==> flow/design.v <==
module dp_sub_unit_mod #(
  parameter integer W = 48
) (
  input wire clk,
  input wire clr,
  input wire [W-1:0] u_i,
  input wire [W-1:0] v_i,
  output reg [W:0] res_o,
  output reg [W:0] diff_o
);
  always @(posedge clk) begin
    if (clr) begin
      res_o <= 0;
      diff_o <= 0;
    end else begin
      res_o <= u_i + v_i;
      diff_o <= u_i - v_i;
    end
  end
endmodule
=== Step by step through the tools: dp_sub_unit_mod ===
The steps from the RTL of dp_sub_unit_mod to its reports follow in flow order.
Line numbers count from 1 in the design file above.
Operators: Yosys type, input widths -> output width; for muxes data width and select width s.
Library cell names are shortened.
Not given: -

* Top: dp_sub_unit_mod
* Clock: clk
* Standard-cell library: sky130hd
* Corner: tt_025C_1v80

=== Elaborated design ===
Counts by Yosys on the flattened word-level netlist (proc, flatten, opt, wreduce; memories kept). Register bits leave out memories and registers merged into their read ports (data or address); mux counts leave out enables and synchronous resets folded into registers. Print and check cells are left out. Cells with the same type and inputs are merged into one.

* Flip-flop bits (word level): 98
* Input port bits: 98
* Output and inout port bits: 98
* Word-level cells: 4

* $add $sub $neg: 2

{| class="wikitable"
|+ Operators by type and width
! cell !! count
|-
| $add 48x48->49 || 1
|-
| $sub 48x48->49 || 1
|}

=== Longest topological paths ===
Longest topological path by Yosys (ltp), each cell counted once; first at word level (registers and memories cut), then after technology mapping (sequential cells cut; the memories' decode and read muxes count).

* Word-level depth: 1
* ABC_AREA: 1
* Mapped depth: 17

=== Synthesis result ===
The flow's flattened synthesis, as Yosys stat reports it; memories are mapped. The netlist is that of the ABC_AREA named above (0 if unset); the other value can give another one.
The area totals of this step are shown rounded.

* Cells in the netlist: 1987
* Mapped area: 10800 um2
* Sequential part of the area: 1940 um2
* Flip-flop cells: 97

{| class="wikitable"
|+ Cells by type
! cell !! count
|-
| nand2_1 || 647
|-
| dfxtp_1 || 97
|-
| inv_1 || 445
|-
| ha_1 || 96
|-
| nor2_1 || 230
|-
| a21oi_1 || 146
|-
| nand3_1 || 82
|-
| o21ai_0 || 72
|-
| nor2_2 || 25
|-
| o21bai_1 || 13
|-
| buf_4 || 12
|-
| nand4_1 || 13
|-
| buf_2 || 16
|-
| buf_6 || 7
|-
| o21a_1 || 9
|-
| nand3_2 || 6
|-
| nor3_1 || 12
|-
| nand2_2 || 8
|}

Other cell types: 16; their cells: 51.

=== Worst setup path after synthesis ===
Path of least setup slack by OpenSTA after synthesis, without wires, with an ideal clock, recovery checks aside; 20% of the period is set as input and as output delay. Where synthesis merged equal registers, the netlist keeps one of their names.

* Path type: input port to flip-flop
* Start point: input port u_i[0]
* End point: register diff_o[40]
* Period: 3.8 ns
* Library setup time: 0.113 ns
* Arrival: 2.186 ns
* Required time: 3.687 ns
* Setup slack: 1.502 ns
* Path delay: 1.539 ns
* Stages on the path: 15
* Buffers on the path: 0
* Synthesis period reached: 2.298 ns

"path delay" is the arrival time less input delay plus setup time.
"stages on the path": output pins that drive a net of the path, with the launching flip-flop's if there is one; two outputs of one cell count as two.
"synthesis period reached" = period - worst setup slack (recovery checks aside). The figure is calculated, with input and output delays left at 20% of the set period.
The rows between start and end are the longest chain of elaborated cells between them; the timing report does not say that the signal goes this way. Where chains are equally long, one stands for them.
Each line given opens the expression or statement behind the cell; cells for indexed reads and writes are added by Yosys, which also makes memories of some case tables.

* Cell sequence: inv_1 -> ha_1 -> fa_1 -> inv_1 -> nand3_1 -> nand3_1 -> nand2_1 -> nand2_2 -> nand2_1 -> nand3_1 -> nand2_1 -> nand2_1 -> nand2_1 -> nand2_1 -> nor2_1
* Cells in the longest elaborated chain: 1

{| class="wikitable"
|+ Ends and longest elaborated chain, after synthesis
! element !! line !! text
|-
| start, declared || 6 || <nowiki>input wire [W-1:0] u_i,</nowiki>
|-
| $sub 48x48->49 || 17 || <nowiki>diff_o <= u_i - v_i;</nowiki>
|-
| end, assigned || 14 || <nowiki>diff_o <= 0;</nowiki>
|-
| end, assigned || 17 ||
|-
| end, declared || 9 || <nowiki>output reg [W:0] diff_o</nowiki>
|}

=== Worst path after layout ===
Path of least setup slack in the final report of run 1 (OpenROAD, finished layout, wires in). Where an end is a register, its clock arrival counts in the times.

* Path type: input port to flip-flop
* Start point: input port u_i[0]
* End point: register diff_o[44]
* Period: 5.23 ns
* Library setup time: 0.10 ns
* Arrival: 3.75 ns
* Required time: 5.51 ns
* Setup slack: 1.77 ns
* Stages on the path: 16
* Buffers on the path: 1

The rows between start and end are the longest chain of elaborated cells between them; the timing report does not say that the signal goes this way. Where chains are equally long, one stands for them.

* Cell sequence: clkdlybuf4s50_1 -> inv_1 -> ha_1 -> fa_1 -> inv_1 -> nand3_1 -> nand3_1 -> nand2_1 -> nand2_2 -> nand2_1 -> nand2_1 -> nand2_1 -> nand3_1 -> nand2_1 -> nand2_1 -> nor2_1
* Cells in the longest elaborated chain: 1

{| class="wikitable"
|+ Ends and longest elaborated chain, after layout
! element !! line !! text
|-
| start, declared || 6 || <nowiki>input wire [W-1:0] u_i,</nowiki>
|-
| $sub 48x48->49 || 17 || <nowiki>diff_o <= u_i - v_i;</nowiki>
|-
| end, assigned || 14 || <nowiki>diff_o <= 0;</nowiki>
|-
| end, assigned || 17 ||
|-
| end, declared || 9 || <nowiki>output reg [W:0] diff_o</nowiki>
|}

==> runs of dp_sub_unit_mod <==
Measured data: module dp_sub_unit_mod, platform sky130hd, 3 stored runs of the flow under differing settings, order arbitrary. Input and output delays are each 20% of the period that was set; the output load is 0.01 pF.
"reached clock period" means the clock period less the worst setup slack. The figure is calculated, with input and output delays left at 20% of the set period.
"worst path time" means the part of the period allowed to the worst setup path (the constraints hold back 20% at inputs and 20% at outputs) less its slack; where the path has registers, the arrival times of their clocks count too.
"total power after layout": no workload was simulated; the value follows from the tool's default switching activity.
Values from the reports are rounded here.

=== Run 1 ===
{| class="wikitable"
! Setting !! Value
|-
| period_ns || 5.23
|-
| CORE_UTILIZATION || 71
|-
| SETUP_SLACK_MARGIN || -0.13
|-
| PLACE_DENSITY_LB_ADDON || 0.27
|-
| HOLD_SLACK_MARGIN || 0.22
|-
| TNS_END_PERCENT || 55
|-
| ABC_AREA || 1
|-
| GPL_TIMING_DRIVEN || 1
|-
| GPL_ROUTABILITY_DRIVEN || 0
|-
| CTS_CLUSTER_DIAMETER || 258
|-
| CAP_MARGIN || 25
|-
| SLEW_MARGIN || 35
|-
| CORE_MARGIN || 2
|-
! Result !! Value
|-
| Worst hold slack || 1.13 ns
|-
| Final setup TNS || 0.000 ns
|-
| Die outline area || 16200 um2
|-
| Worst path time || 2.42 ns
|-
| Worst path kind || input port to flip-flop
|-
| Total power after layout || 2.92 mW
|-
| Utilization after routing || 0.866
|-
| Standard-cell area after routing || 13000 um2
|-
| Setup slack of the critical path || 1.77 ns
|-
| Reached clock period || 3.465 ns
|-
| Synthesis area || 10800 um2
|}

=== Run 2 ===
{| class="wikitable"
! Setting !! Value
|-
| period_ns || 3.8
|-
| CAP_MARGIN || 20
|-
| CORE_MARGIN || 2
|-
| CORE_UTILIZATION || 40
|-
| SLEW_MARGIN || 20
|-
! Result !! Value
|-
| Worst hold slack || 0.858 ns
|-
| Final setup TNS || 0.000 ns
|-
| Die outline area || 21600 um2
|-
| Worst path time || 2.97 ns
|-
| Worst path kind || input port to flip-flop
|-
| Total power after layout || 4.07 mW
|-
| Utilization after routing || 0.588
|-
| Standard-cell area after routing || 11900 um2
|-
| Setup slack of the critical path || 0.071 ns
|-
| Reached clock period || 3.729 ns
|-
| Synthesis area || 8190 um2
|}

=== Run 3 ===
{| class="wikitable"
! Setting !! Value
|-
| period_ns || 2.0
|-
| CORE_UTILIZATION || 66
|-
| PLACE_DENSITY || 0.88
|-
| HOLD_SLACK_MARGIN || -0.01
|-
| TNS_END_PERCENT || 20
|-
| ABC_AREA || 0
|-
| GPL_ROUTABILITY_DRIVEN || 0
|-
| CTS_CLUSTER_SIZE || 50
|-
| SLEW_MARGIN || 15
|-
| CAP_MARGIN || 20
|-
| CORE_MARGIN || 2
|}
Not finished: placement ended with error DPL-0038.
